==> flow/design.v <==
module u_storage (i_clk, nrst, valid, i_load, i_wr_addr, i_wr_data, i_rd_idx_a, i_rd_idx_b, o_dout_a, o_dout_b);
    parameter NUM_REGS = 96;
    parameter BITS = 12;
    localparam AWIDTH = $clog2(NUM_REGS);
    input i_clk;
    input nrst;
    input valid;
    input i_load;
    input [AWIDTH-1:0] i_wr_addr;
    input [BITS-1:0] i_wr_data;
    input [AWIDTH-1:0] i_rd_idx_a;
    input [AWIDTH-1:0] i_rd_idx_b;
    output [BITS-1:0] o_dout_a;
    output [BITS-1:0] o_dout_b;
    reg [BITS-1:0] ram [0:NUM_REGS-1];
    always @(posedge i_clk) begin
        if (valid && i_load && i_wr_addr != 0)
            ram[i_wr_addr] <= i_wr_data;
    end
    reg [BITS-1:0] dout_a_ff;
    assign o_dout_a = dout_a_ff;
    reg [BITS-1:0] dout_b_ff;
    assign o_dout_b = dout_b_ff;
    always @(posedge i_clk or negedge nrst) begin
        if (~nrst) begin
            dout_a_ff <= 0;
            dout_b_ff <= 0;
        end else if (valid) begin
            dout_a_ff <= (i_rd_idx_a == 0) ? {BITS{1'b0}} : ram[i_rd_idx_a];
            dout_b_ff <= (i_rd_idx_b == 0) ? {BITS{1'b0}} : ram[i_rd_idx_b];
        end
    end
endmodule
* From RTL to reports: u_storage
Tool output for the design above, in the order of the flow.
Line numbers count from 1 in the design file above.
Operators: Yosys type, input widths -> output width; for muxes data width and select width s.
Not given: --
- Top :: u_storage
- Clock :: i_clk
- Cell library :: sky130hd
- Corner :: tt_025C_1v80

* Elaborated design
Yosys after proc, flatten, opt, wreduce and memory -nomap, before mapping. Enables and synchronous resets that opt folds into registers are not counted as muxes. Memory bits, and registers merged into a memory's read port (data or address), are not among the register bits. Print and check cells are not counted. Equal cells are merged and count once.
Memory sizes are those after Yosys's memory passes, which may raise the word count (mostly to a power of two), join words into wider ones and drop unused or constant bits.
- Reduce/logical cells :: 5
- Mux-type cells :: 5
** Operator list (count)
- $mux 12 :: 3
- $logic_not 7->1 :: 2
- $reduce_bool 7->1 :: 1
- $mux 7 :: 1
- $logic_and 1x1->1 :: 2
- $mux 1 :: 1
- Elaborated cells :: 13
- Memory bits (writable) :: 1152
- Output and inout port bits :: 24
- Register bits after elaboration :: 24
- Memories :: 1
- Input bits :: 37
** Memories
- ram :: words 96, bits a word 12, rd ports 2, wr ports 1, RTL line 15 : reg [BITS-1:0] ram [0:NUM_REGS-1];

* Longest topological paths
Yosys ltp: most cells in a row. Word level: on the elaborated netlist, between registers, memories and ports. Mapped: between sequential cells and ports; inverters and the memories' decode and read muxes count.
- Word-level depth :: 3
- ABC_AREA :: 0
- Mapped depth :: 12
- Depth with buffers taken out :: 6

* After synthesis
Yosys stat after the flow's synthesis: flattened, memories mapped to cells. It holds for the ABC_AREA given above (unset counts as 0); a run with the other value may have another netlist.
** Cell types
- sky130_fd_sc_hd__edfxtp_1 :: count 1152, total area 3.46E+04 um^2
- sky130_fd_sc_hd__mux4_2 :: count 422, total area 9.5E+03 um^2
- sky130_fd_sc_hd__mux2i_1 :: count 353, total area 3.53E+03 um^2
- sky130_fd_sc_hd__a22oi_1 :: count 99, total area 743.213 um^2
- sky130_fd_sc_hd__dfrtp_1 :: count 24, total area 600.576 um^2
- sky130_fd_sc_hd__o22ai_1 :: count 94, total area 588.064 um^2
- sky130_fd_sc_hd__nor2_1 :: count 143, total area 536.765 um^2
- sky130_fd_sc_hd__nand2_1 :: count 132, total area 495.475 um^2
- sky130_fd_sc_hd__buf_6 :: count 40, total area 450.432 um^2
- sky130_fd_sc_hd__buf_4 :: count 51, total area 382.867 um^2
- sky130_fd_sc_hd__buf_2 :: count 72, total area 360.346 um^2
- sky130_fd_sc_hd__nand3_1 :: count 49, total area 245.235 um^2
- sky130_fd_sc_hd__mux2_2 :: count 21, total area 236.477 um^2
- sky130_fd_sc_hd__o211ai_1 :: count 27, total area 202.694 um^2
- sky130_fd_sc_hd__nor2b_1 :: count 32, total area 200.192 um^2
- sky130_fd_sc_hd__a211oi_1 :: count 26, total area 195.187 um^2
- sky130_fd_sc_hd__clkbuf_1 :: count 51, total area 191.434 um^2
- sky130_fd_sc_hd__nand4_1 :: count 30, total area 187.68 um^2
Not listed: further types 56, cells in them 285.
- Cells in the netlist :: 3103
- Buffer cells :: 228
- Sequential part of the area :: 35193.8 um^2
- Mapped area :: 55236.7 um^2
- Mapped flip-flops :: 1176

* Path before layout
Source: OpenSTA report_checks on the synthesized netlist (no wires, ideal clock, input and output delay 20% of the period each), path of least setup slack; recovery checks are left aside. Register names are those of the netlist, which keeps one name where synthesis merged equal registers.
- Path type :: input-to-reg
- Start point :: input valid
- End point :: memory ram[30][0]
- Setup slack :: 0.450 ns
- Library setup time :: 0.380 ns
- Buffers on the path :: 2
- Input delay :: 0.560 ns
- Arrival :: 1.970 ns
- Period :: 2.8 ns
- Stages :: 6
- Data required time :: 2.420 ns
- Delay of the path :: 1.790 ns
- Launch time at the first pin :: 0.560 ns
- Synthesis period reached :: 2.35 ns
"delay of the path" = arrival - input delay + setup time.
"stages": output pins that drive a net of the path, with the launching flip-flop's if there is one; two outputs of one cell count as two.
"synthesis period reached" = period - worst setup slack (recovery checks aside). The figure is calculated, with input and output delays left at 20% of the set period.
Between the ends stands the longest chain of elaborated cells between them, by number of cells; it is not shown to be the way that was timed. Of several equally long chains one is given.
Each line given opens the expression or statement behind the cell; cells for indexed reads and writes are added by Yosys, which also makes memories of some case tables.
Only ways into the end's enable, where the timed path ends, are counted here.
- Cell sequence :: sky130_fd_sc_hd__buf_1 sky130_fd_sc_hd__nand2_1 sky130_fd_sc_hd__nor2_1 sky130_fd_sc_hd__nand3_1 sky130_fd_sc_hd__clkbuf_1 sky130_fd_sc_hd__nor2_1
- Length of the longest elaborated chain :: 3
- Elaborated cells between the ends (all ways) :: 4
- RTL lines with such cells :: 1
- Those cells by class :: mux (2); reduce/logical (2)
** RTL lines, path after synthesis
- start: declaration :: RTL line 7 : input valid;
- $logic_and 1x1->1 x2 :: RTL line 17 : if (valid && i_load && i_wr_addr != 0)
- $mux 7 :: RTL line 17
- end: declaration :: RTL line 15 : reg [BITS-1:0] ram [0:NUM_REGS-1];

* Timing after layout
From the final timing report of run 1: the path of least setup slack in the routed layout; clock arrival at registers is part of the times.
- Path type :: input-to-reg
- Start point :: input i_rd_idx_b[4]
- End point :: register dout_b_ff[3]
- Arrival :: 3.46 ns
- Library setup time :: 0.06 ns
- Stages :: 8
- Period :: 2.8 ns
- Buffers on the path :: 2
- Data required time :: 3.50 ns
- Setup slack :: 0.04 ns
- Input delay :: 0.56 ns
- Launch time at the first pin :: 0.56 ns
Between the ends stands the longest chain of elaborated cells between them, by number of cells; it is not shown to be the way that was timed. Of several equally long chains one is given.
A memory read counts as a cell of the chain, while the word-level depth stops at memories.
- Cell sequence :: sky130_fd_sc_hd__buf_2 sky130_fd_sc_hd__buf_12 sky130_fd_sc_hd__and4bb_1 sky130_fd_sc_hd__a221oi_1 sky130_fd_sc_hd__o21ai_1 sky130_fd_sc_hd__nor4_1 sky130_fd_sc_hd__a22oi_1 sky130_fd_sc_hd__nand2_1
- Length of the longest elaborated chain :: 2
- Elaborated cells between the ends (all ways) :: 3
- RTL lines with such cells :: 2
- Those cells by class :: mux (1); reduce/logical (1); memory (1)
** RTL lines, path post-layout
- start: declaration :: RTL line 12 : input [AWIDTH-1:0] i_rd_idx_b;
- $mem_v2 96x12 :: RTL line 15 : reg [BITS-1:0] ram [0:NUM_REGS-1];
- $mux 12 :: RTL line 30 : dout_b_ff <= (i_rd_idx_b == 0) ? {BITS{1'b0}} : ram[i_rd_idx_b];
- end: assignment :: RTL line 27 : dout_b_ff <= 0;
- end: assignment :: RTL line 30
- end: declaration :: RTL line 22 : reg [BITS-1:0] dout_b_ff;

==> runs of u_storage <==
Top module u_storage; platform sky130hd; tools Yosys and OpenROAD; 3 stored runs in no particular order. Input and output delays are each 20% of the period that was set; the output load is 0.01 pF.
"period reached" is the run's clock period less its worst setup slack. It is reckoned from that one timing run; input and output delays stay at 20% of the period that was set.
"time used up by the worst setup path" means the part of the period allowed to the worst setup path (the constraints hold back 20% at inputs and 20% at outputs) less its slack; where the path has registers, the arrival times of their clocks count too.
"overall power" rests on the timing tool's default activity at the inputs, not on a simulated workload.

* Run 1
** Files
==> flow/run.sh <==
#!/bin/bash
# the make line also repeats the synthesis and layout settings of config.mk as NAME=value (left out here)
make -C /OpenROAD-flow-scripts/flow DESIGN_CONFIG=/design/flow/config.mk WORK_HOME=/design/flow/orfs CLKGATE_MAP_FILE= finish
==> flow/config.mk <==
export PLATFORM = sky130hd
export DESIGN_NAME = u_storage
export DESIGN_NICKNAME = u_storage
export VERILOG_FILES = /design/flow/design.v
export SDC_FILE = /design/flow/constraint.sdc
export NUM_CORES = 4
export LEC_CHECK = 0
export CAP_MARGIN = 20
export CORE_MARGIN = 2
export CORE_UTILIZATION = 40
export SLEW_MARGIN = 20
==> flow/constraint.sdc <==
create_clock -name core_clock -period 2.8 [get_ports {i_clk}]
set_input_delay 0.5600 -clock core_clock [delete_from_list [all_inputs] [get_ports {i_clk}]]
set_output_delay 0.5600 -clock core_clock [all_outputs]
set_load 0.01 [all_outputs]
** Results
- Netlist area reported by Yosys :: 55236.7 um^2
- Die footprint :: 141079.0 um^2
- Standard-cell area after layout :: 67732.5 um^2
- Utilization in the final report :: 0.493
- Setup slack of the critical path :: 0.039 ns
- Sum of negative setup slack :: 0.000 ns
- Overall power :: 0.041035 W
- Period reached :: 2.761 ns
- Time used up by the worst setup path :: 2.20 ns
- Worst setup path type :: input-to-reg

* Run 2
** Files
==> flow/run.sh <==
#!/bin/bash
# the make line also repeats the synthesis and layout settings of config.mk as NAME=value (left out here)
make -C /OpenROAD-flow-scripts/flow DESIGN_CONFIG=/design/flow/config.mk WORK_HOME=/design/flow/orfs CLKGATE_MAP_FILE= finish
==> flow/config.mk <==
export PLATFORM = sky130hd
export DESIGN_NAME = u_storage
export DESIGN_NICKNAME = u_storage
export VERILOG_FILES = /design/flow/design.v
export SDC_FILE = /design/flow/constraint.sdc
export NUM_CORES = 4
export LEC_CHECK = 0
export CAP_MARGIN = 20
export CORE_ASPECT_RATIO = 1.76
export CORE_MARGIN = 6
export CORE_UTILIZATION = 22
export CTS_CLUSTER_SIZE = 65
export GPL_TIMING_DRIVEN = 1
export MAX_ROUTING_LAYER = met4
export SETUP_SLACK_MARGIN = 0.47
export SLEW_MARGIN = 20
export TNS_END_PERCENT = 35
==> flow/constraint.sdc <==
create_clock -name core_clock -period 2.09 [get_ports {i_clk}]
set_input_delay 0.4180 -clock core_clock [delete_from_list [all_inputs] [get_ports {i_clk}]]
set_output_delay 0.4180 -clock core_clock [all_outputs]
set_load 0.01 [all_outputs]
** Results
- Netlist area reported by Yosys :: 55236.7 um^2
- Die footprint :: 263729.0 um^2
- Standard-cell area after layout :: 72886.2 um^2
- Utilization in the final report :: 0.292
- Setup slack of the critical path :: -0.143 ns
- Sum of negative setup slack :: -0.400 ns
- Overall power :: 0.052941 W
- Period reached :: 2.233 ns
- Time used up by the worst setup path :: 2.23 ns
- Worst setup path type :: reg-to-reg

* Run 3
** Files
==> flow/run.sh <==
#!/bin/bash
# the make line also repeats the synthesis and layout settings of config.mk as NAME=value (left out here)
make -C /OpenROAD-flow-scripts/flow DESIGN_CONFIG=/design/flow/config.mk WORK_HOME=/design/flow/orfs CLKGATE_MAP_FILE= finish
==> flow/config.mk <==
export PLATFORM = sky130hd
export DESIGN_NAME = u_storage
export DESIGN_NICKNAME = u_storage
export VERILOG_FILES = /design/flow/design.v
export SDC_FILE = /design/flow/constraint.sdc
export NUM_CORES = 4
export LEC_CHECK = 0
export CAP_MARGIN = 5
export CELL_PAD_IN_SITES_DETAIL_PLACEMENT = 2
export CELL_PAD_IN_SITES_GLOBAL_PLACEMENT = 0
export CORE_ASPECT_RATIO = 1.16
export CORE_MARGIN = 2
export CORE_UTILIZATION = 68
export GPL_ROUTABILITY_DRIVEN = 1
export PLACE_DENSITY_LB_ADDON = 0.04
export SLEW_MARGIN = 20
==> flow/constraint.sdc <==
create_clock -name core_clock -period 1.87 [get_ports {i_clk}]
set_input_delay 0.3740 -clock core_clock [delete_from_list [all_inputs] [get_ports {i_clk}]]
set_output_delay 0.3740 -clock core_clock [all_outputs]
set_load 0.01 [all_outputs]
** Results
Not finished: placement ended with error DPL-0033.
